==> flow/design.v <==
module order #(
   parameter DWIDTH = 10
) (
   input logic aclk,
   input logic RSTN,
   input logic valid,
   input logic [DWIDTH-1:0] in_dataa,
   input logic [DWIDTH-1:0] in_datab,
   output logic out_a_gt_b
);
   logic [DWIDTH-1:0] dataa_d1;
   always_ff @(posedge aclk or negedge RSTN) begin
      if (~RSTN) begin
         dataa_d1 <= '0;
      end else if (valid) begin
         dataa_d1 <= in_dataa;
      end
   end
   logic [DWIDTH-1:0] datab_d1;
   always_ff @(posedge aclk or negedge RSTN) begin
      if (~RSTN) begin
         datab_d1 <= '0;
      end else if (valid) begin
         datab_d1 <= in_datab;
      end
   end
   logic [DWIDTH:0] cy;
   assign cy[0] = 1'b0;
   generate
      for (genvar g = 0; g < DWIDTH; g++) begin : u_g
         assign cy[g+1] = (dataa_d1[g] ^ datab_d1[g]) ? dataa_d1[g] : cy[g];
      end
   endgenerate
   assign out_a_gt_b = cy[DWIDTH];
endmodule
Tool chain data of order
What the tools print for order, step after step. Lines are those of the file above, counted from 1. Operators carry their Yosys type and port widths (W data, S select, Z words). Library cell names are shortened. Not given: n/a

Design top: order. Clock port: aclk. Standard-cell library: sky130hd. Library corner: tt_025C_1v80.

Elaborated design
Source: Yosys, flattened and elaborated, memories not mapped. Widths are those after wreduce; folded enables and synchronous resets count as part of the registers. Registers that Yosys merges into a memory's read port (data or address) are not register bits. Print and check cells do not count. Equal cells are merged and count once.

The figure for mux-type cells is 10. Under bitwise gates (word level) stands 10.

Operator list (count): $xor A1 B1 Y1 (10); $mux W1 (10).

For bits in registers the number is 20. Under input port bits stands 23. The entry for output and inout bits reads 1. Under word-level cells stands 22.

Longest topological paths
Longest topological path by Yosys (ltp), each cell counted once; first at word level (registers and memories cut), then after technology mapping (sequential cells cut; the memories' decode and read muxes count).

Under word-level depth stands 11. The figure for ABC_AREA is 0. Under mapped depth stands 5. Gate-level depth less buffers: 5.

After synthesis
The flow's flattened synthesis, as Yosys stat reports it; memories are mapped. The netlist is that of the ABC_AREA named above (0 if unset); the other value can give another one. Totals and module areas in this step are rounded.

Standard cells after synthesis: 76. The entry for synthesis area reads 870.8 sq um. The figure for area of sequential cells is 500.5 sq um. For flip-flops the number is 20. The figure for buffer cells is 3.

Cell types: dfrtp_1 (count 20, area in all 500.48 sq um); mux2_2 (count 12, area in all 135.13 sq um); o21ai_0 (count 8, area in all 40.038 sq um); inv_1 (count 8, area in all 30.029 sq um); nand2_1 (count 8, area in all 30.029 sq um); nor2b_1 (count 3, area in all 18.768 sq um); o221ai_1 (count 2, area in all 17.517 sq um); nand2b_1 (count 2, area in all 12.512 sq um); a2111oi_1 (count 1, area in all 10.01 sq um); buf_2 (count 2, area in all 10.01 sq um); nor3_1 (count 2, area in all 10.01 sq um); a311oi_1 (count 1, area in all 8.758 sq um); nor2b_2 (count 1, area in all 8.758 sq um); o2111ai_1 (count 1, area in all 8.758 sq um); a211oi_1 (count 1, area in all 7.507 sq um); a22oi_1 (count 1, area in all 7.507 sq um); o22ai_1 (count 1, area in all 6.256 sq um); nand3_1 (count 1, area in all 5.005 sq um); clkbuf_1 (count 1, area in all 3.754 sq um).

Worst setup path after synthesis
OpenSTA on the mapped netlist: ideal clock, no wires. The path of least setup slack (recovery checks aside). Input and output delay are each 20% of the period. Register names are those of the netlist, which keeps one name where synthesis merged equal registers.

Kind: register to output. From: register dataa_d1[2]. To: output port out_a_gt_b. The entry for clock period reads 2020 ps. For output delay the number is 404 ps. Under time at the first pin stands 0 ps. For data arrival time the number is 1290 ps. The figure for data required time is 1616 ps. The entry for setup slack reads 326 ps. The entry for path delay reads 1290 ps. The entry for stages reads 6. The figure for buffers on the path is 0. Synthesis period reached: 1694 ps.

"path delay" = arrival - input delay + setup time. A path that ends at an output port has no setup time. "stages": output pins that drive a net of the path, with the launching flip-flop's if there is one; two outputs of one cell count as two. "synthesis period reached" is the clock period less the worst setup slack; recovery checks do not enter. This is arithmetic on one report: input and output delays are still those of the set period (20% each). Between the ends stands the longest chain of elaborated cells between them, by number of cells; it is not shown to be the way that was timed. Of several equally long chains one is given. A line is the first line of the expression or statement that the cell stems from. Yosys adds cells for indexed reads and writes and turns some case tables into memories.

Path through: dfrtp_1 nand2b_1 a311oi_1 a211oi_1 a2111oi_1 nor3_1. The entry for length of the longest elaborated chain reads 9. For elaborated cells between the ends (all ways) the number is 9. Source lines of those cells: 1. Those cells by class: mux: 8; logic: 1.

Ends and longest elaborated chain, after synthesis: start, declared (line 11) `logic [DWIDTH-1:0] dataa_d1;`; start, assigned (line 14) `dataa_d1 <= '0;`; start, assigned (line 16) `dataa_d1 <= in_dataa;`; $xor A1 B1 Y1 (line 31) `assign cy[g+1] = (dataa_d1[g] ^ datab_d1[g]) ? dataa_d1[g] : cy[g];`; $mux W1 (8 in a row) (line 31); end, declared (line 9) `output logic out_a_gt_b`.

Timing after layout
Path of least setup slack in the final report of flow run A (OpenROAD, finished layout, wires in). Where an end is a register, its clock arrival counts in the times. The report prints the path's times to 10 ps; the period is as set.

Kind: register to output. From: register dataa_d1[2]. To: output port out_a_gt_b. The entry for clock period reads 2020 ps. For output delay the number is 400 ps. Under time at the first pin stands 290 ps. For data arrival time the number is 1640 ps. The figure for data required time is 1620 ps. The entry for setup slack reads -20 ps. The entry for stages reads 7. The figure for buffers on the path is 1.

Between the ends stands the longest chain of elaborated cells between them, by number of cells; it is not shown to be the way that was timed. Of several equally long chains one is given.

Path through: dfrtp_1 nand2b_4 a311oi_2 a211oi_2 a2111oi_2 nor3_1 buf_2. The entry for length of the longest elaborated chain reads 9. For elaborated cells between the ends (all ways) the number is 9. Source lines of those cells: 1. Those cells by class: mux: 8; logic: 1.

Ends and longest elaborated chain, post-layout: start, declared (line 11) `logic [DWIDTH-1:0] dataa_d1;`; start, assigned (line 14) `dataa_d1 <= '0;`; start, assigned (line 16) `dataa_d1 <= in_dataa;`; $xor A1 B1 Y1 (line 31) `assign cy[g+1] = (dataa_d1[g] ^ datab_d1[g]) ? dataa_d1[g] : cy[g];`; $mux W1 (8 in a row) (line 31); end, declared (line 9) `output logic out_a_gt_b`.

Add stored flow runs of order

Measured data: module order, platform sky130hd, 3 stored runs of the flow under differing settings, order arbitrary. Input and output delays are each 20% of the period that was set; the output load is 0.01 pF. "clock period reached" is the run's clock period less its worst setup slack. It is reckoned from that one timing run; input and output delays stay at 20% of the period that was set. "allowed time less slack (worst setup path)" means the part of the period allowed to the worst setup path (the constraints hold back 20% at inputs and 20% at outputs) less its slack; where the path has registers, the arrival times of their clocks count too. "power consumption" is the tool's figure for a default switching activity; nothing was simulated. "allowed time less slack (worst setup path)" is known to 10 ps. Measured values are rounded.

Flow run A has these settings: period_ns 2.02; CAP_MARGIN 20; CORE_MARGIN 2; CORE_UTILIZATION 40; SLEW_MARGIN 20. The std-cell area (final layout) is 1,271 sq um. The utilization comes to 63.5%. The cell area after synthesis reads 870.8 sq um. The setup slack of the critical path is -20 ps. The die area is 2,566 sq um. The allowed time less slack (worst setup path) comes to 1,640 ps. Type of the worst setup path: register to output. The power consumption comes to 0.8885 mW. The clock period reached reads 2,040 ps. The total negative setup slack reads -20 ps.

Flow run B has these settings: period_ns 2.66; CORE_UTILIZATION 52; PLACE_DENSITY 0.73; CELL_PAD_IN_SITES_DETAIL_PLACEMENT 0; TNS_END_PERCENT 60; SLEW_MARGIN 15; MIN_ROUTING_LAYER met1; MAX_ROUTING_LAYER met4; CAP_MARGIN 20; CORE_MARGIN 2. The std-cell area (final layout) is 1,147 sq um. The utilization comes to 74.4%. The cell area after synthesis reads 870.8 sq um. The setup slack of the critical path is 237 ps. The die area is 2,018 sq um. The allowed time less slack (worst setup path) comes to 1,890 ps. Type of the worst setup path: register to output. The power consumption comes to 0.6038 mW. The clock period reached reads 2,423 ps. The total negative setup slack reads 0 ps.

Flow run C has these settings: period_ns 1.47; CORE_UTILIZATION 68; SETUP_SLACK_MARGIN 0.08; PLACE_DENSITY_LB_ADDON 0.27; CORE_ASPECT_RATIO 0.94; CELL_PAD_IN_SITES_GLOBAL_PLACEMENT 2; GPL_ROUTABILITY_DRIVEN 0; CTS_CLUSTER_DIAMETER 256; CAP_MARGIN 20; SLEW_MARGIN 30; MIN_ROUTING_LAYER met1; CORE_MARGIN 2. Outcome: no final report: placement broke off with FLW-0024.
